==> flow/design.v <==
module ex_rf_rtl #(
    parameter NWORDS = 64,
    parameter W = 6,
    parameter ADDR_WIDTH = $clog2(NWORDS)
) (
    input  clock,
    input  wr,
    input  [ADDR_WIDTH-1:0] wr_addr,
    input  [W-1:0] wr_data,
    input  [ADDR_WIDTH-1:0] raddr1,
    input  [ADDR_WIDTH-1:0] raddr2,
    output [W-1:0] q1,
    output [W-1:0] q2
);
    reg wr_r;
    reg [ADDR_WIDTH-1:0] wr_addr_r;
    reg [W-1:0] wr_data_r;
    reg [W-1:0] ram [NWORDS-1:0];
    always @(posedge clock) begin
        if (wr_r)
            ram[wr_addr_r] <= wr_data_r;
    end
    reg [ADDR_WIDTH-1:0] raddr1_r;
    reg [ADDR_WIDTH-1:0] raddr2_r;
    assign q1 = (wr_r && wr_addr_r == raddr1_r) ? wr_data_r : ram[raddr1_r];
    assign q2 = (wr_r && wr_addr_r == raddr2_r) ? wr_data_r : ram[raddr2_r];
    always @(posedge clock) begin
        wr_r <= wr;
        wr_addr_r <= wr_addr;
        wr_data_r <= wr_data;
        raddr1_r <= raddr1;
        raddr2_r <= raddr2;
    end
endmodule
# == Tool chain data of ex_rf_rtl ==
# Tool output for the design above, in the order of the flow.
# Lines are those of the file above, counted from 1.
# Cell names lack the library's common part.
# The mark - stands for no value.
# setup
top_module,ex_rf_rtl
clock,clock
library,sky130hd
corner,tt_025C_1v80

# == Elaborated design ==
# Counts by Yosys on the flattened word-level netlist (proc, flatten, opt, wreduce; memories kept). Print and check cells are left out. Cells with the same type and inputs are merged into one.
# Yosys's memory passes give these memory sizes; they may raise the number of words (mostly to a power of two), join words into wider ones and drop unused or constant bits.
# word_totals
elab_cells,15
ram_bits,384
mem_count,1
ff_bits,25
clocked_rd_ports_x_width,12
# classes
equal,2
n_reduce_logical,2
n_mux,5
# memory_table
memory,size,width,read_ports,wr,line_no,text
ram,64,6,2,1,18,reg [W-1:0] ram [NWORDS-1:0];
# op_table
operator,count
2-to-1 mux 6 bit,4
== test 6 bit,2
logical AND 1 bit,2
2-to-1 mux 1 bit,1

# == Longest topological paths ==
# Longest topological path by Yosys (ltp), each cell counted once; first at word level (registers and memories cut), then after technology mapping (sequential cells cut; the memories' decode and read muxes count).
# logic_depth
ltp_word,3
ABC_AREA,0
mapped_depth,10
ltp_nobuf,6

# == After synthesis ==
# The flow's flattened synthesis, as Yosys stat reports it; memories are mapped. The netlist is that of the ABC_AREA named above (0 if unset); the other value can give another one.
# Totals and module areas in this step are rounded.
# by_type
type,count,area_total_um2
edfxtp_1,384,1.15E+04
mux2i_1,235,2.35E+03
mux4_2,71,1.6E+03
a22oi_1,90,675.648
dfxtp_1,25,500.48
mux4_1,15,394.128
nor2_1,76,285.274
buf_4,28,210.202
nand3_1,41,205.197
nand2_1,41,153.898
a21oi_1,28,140.134
buf_2,28,140.134
nor2b_1,22,137.632
a221oi_1,12,105.101
clkbuf_1,25,93.84
nand4_1,15,93.84
o21ai_0,17,85.082
a211oi_1,10,75.072
# Not listed: further types 34, cells in them 76.
# synth_totals
cell_count,1239
ffs,409
yosys_area_um2,19000
sequential_area_um2,12000
n_buf,93

# == Worst setup path after synthesis ==
# OpenSTA on the mapped netlist: ideal clock, no wires. The path of least setup slack (recovery checks aside). Input and output delay are each 20% of the period. Register names are those of the netlist, which keeps one name where synthesis merged equal registers.
# synth_timing
path_kind,reg-to-output
start,register raddr2_r[0]
end,output q2[1]
path_delay_ps,1789
slack_ps,451
n_path_buf,3
clock_period_ps,2800
arrival_time_ps,1789
stages,9
t_first_pin_ps,0
synth_period_reached_ps,2349
# "path_delay_ps" is the arrival time less input delay plus setup time.
# At an output port there is no setup time.
# "stages" counts driving pins, that of a launching flip-flop among them; a cell with two outputs on the path counts twice.
# "synth_period_reached_ps" is the clock period less the worst setup slack; recovery checks do not enter. This is arithmetic on one report: input and output delays are still those of the set period (20% each).
# Between the ends stands the longest chain of elaborated cells between them, by number of cells; it is not shown to be the way that was timed. Of several equally long chains one is given.
# Each line given opens the expression or statement behind the cell; cells for indexed reads and writes are added by Yosys, which also makes memories of some case tables.
# synth_between
cell_sequence,dfxtp_1 -> buf_6 -> buf_6 -> buf_6 -> mux4_1 -> a211oi_1 -> a21oi_1 -> nand4_1 -> nand3_1
elab_chain_len,3
# synth_rtl
element,line_no,text
start: declaration,24,reg [ADDR_WIDTH-1:0] raddr2_r;
start: assignment,32,raddr2_r <= raddr2;
== test 6 bit,26,assign q2 = (wr_r && wr_addr_r == raddr2_r) ? wr_data_r : ram[raddr2_r];
logical AND 1 bit,26,
2-to-1 mux 6 bit,26,
end: declaration,13,output [W-1:0] q2

# == Timing after layout ==
# Path of least setup slack in the final report of run 1 (OpenROAD, finished layout, wires in). Where an end is a register, its clock arrival counts in the times.
# The report prints the path's times to 10 ps; the period is as set.
# layout_timing
path_kind,reg-to-output
start,register raddr1_r[2]
end,output q1[4]
clock_period_ps,2310
arrival_time_ps,2850
slack_ps,-1000
t_first_pin_ps,560
stages,11
n_path_buf,4
# Between the ends stands the longest chain of elaborated cells between them, by number of cells; it is not shown to be the way that was timed. Of several equally long chains one is given.
# layout_between
cell_sequence,dfxtp_4 -> buf_12 -> buf_16 -> buf_6 -> mux4_2 -> nand2_1 -> nand2_1 -> nand2_1 -> o211ai_1 -> a221o_2 -> buf_6
elab_chain_len,3
# layout_rtl
element,line_no,text
start: declaration,23,reg [ADDR_WIDTH-1:0] raddr1_r;
start: assignment,31,raddr1_r <= raddr1;
== test 6 bit,25,assign q1 = (wr_r && wr_addr_r == raddr1_r) ? wr_data_r : ram[raddr1_r];
logical AND 1 bit,25,
2-to-1 mux 6 bit,25,
end: declaration,12,"output [W-1:0] q1,"

# 3 stored runs of ex_rf_rtl in the flow (synthesis by Yosys, layout by OpenROAD, sky130hd cells), in arbitrary order. Constraints: input delay and output delay 20% of the set period each, output load 0.01 pF.
# "fin_power_mw" rests on the timing tool's default activity at the inputs, not on a simulated workload.
# Values from the reports are rounded here.
# Settings: -- = not set for that run.
run name,period_ns,CORE_UTILIZATION,SETUP_SLACK_MARGIN,CORE_ASPECT_RATIO,CELL_PAD_IN_SITES_GLOBAL_PLACEMENT,TNS_END_PERCENT,GPL_TIMING_DRIVEN,CAP_MARGIN,CORE_MARGIN,SLEW_MARGIN,CELL_PAD_IN_SITES_DETAIL_PLACEMENT,ABC_AREA,GPL_ROUTABILITY_DRIVEN,CTS_CLUSTER_SIZE,design.die.area_um2,fin_power_mw,worst_hold_slack_ps,util_pct,ys_area_um2,setupTns_ps,worst_setup_slack_ps
run 1,2.31,24,0.22,0.68,1,85,1,20,2,20,--,--,--,--,83000,17,340,33,19000,-11000,-1000
run 2,3.8,39,--,--,--,--,0,20,2,20,0,0,1,47,52000,10,620,47,19000,0,7
run 3,2.8,40,--,--,--,--,--,20,2,20,--,--,--,--,50000,14,420,52,19000,-5300,-570
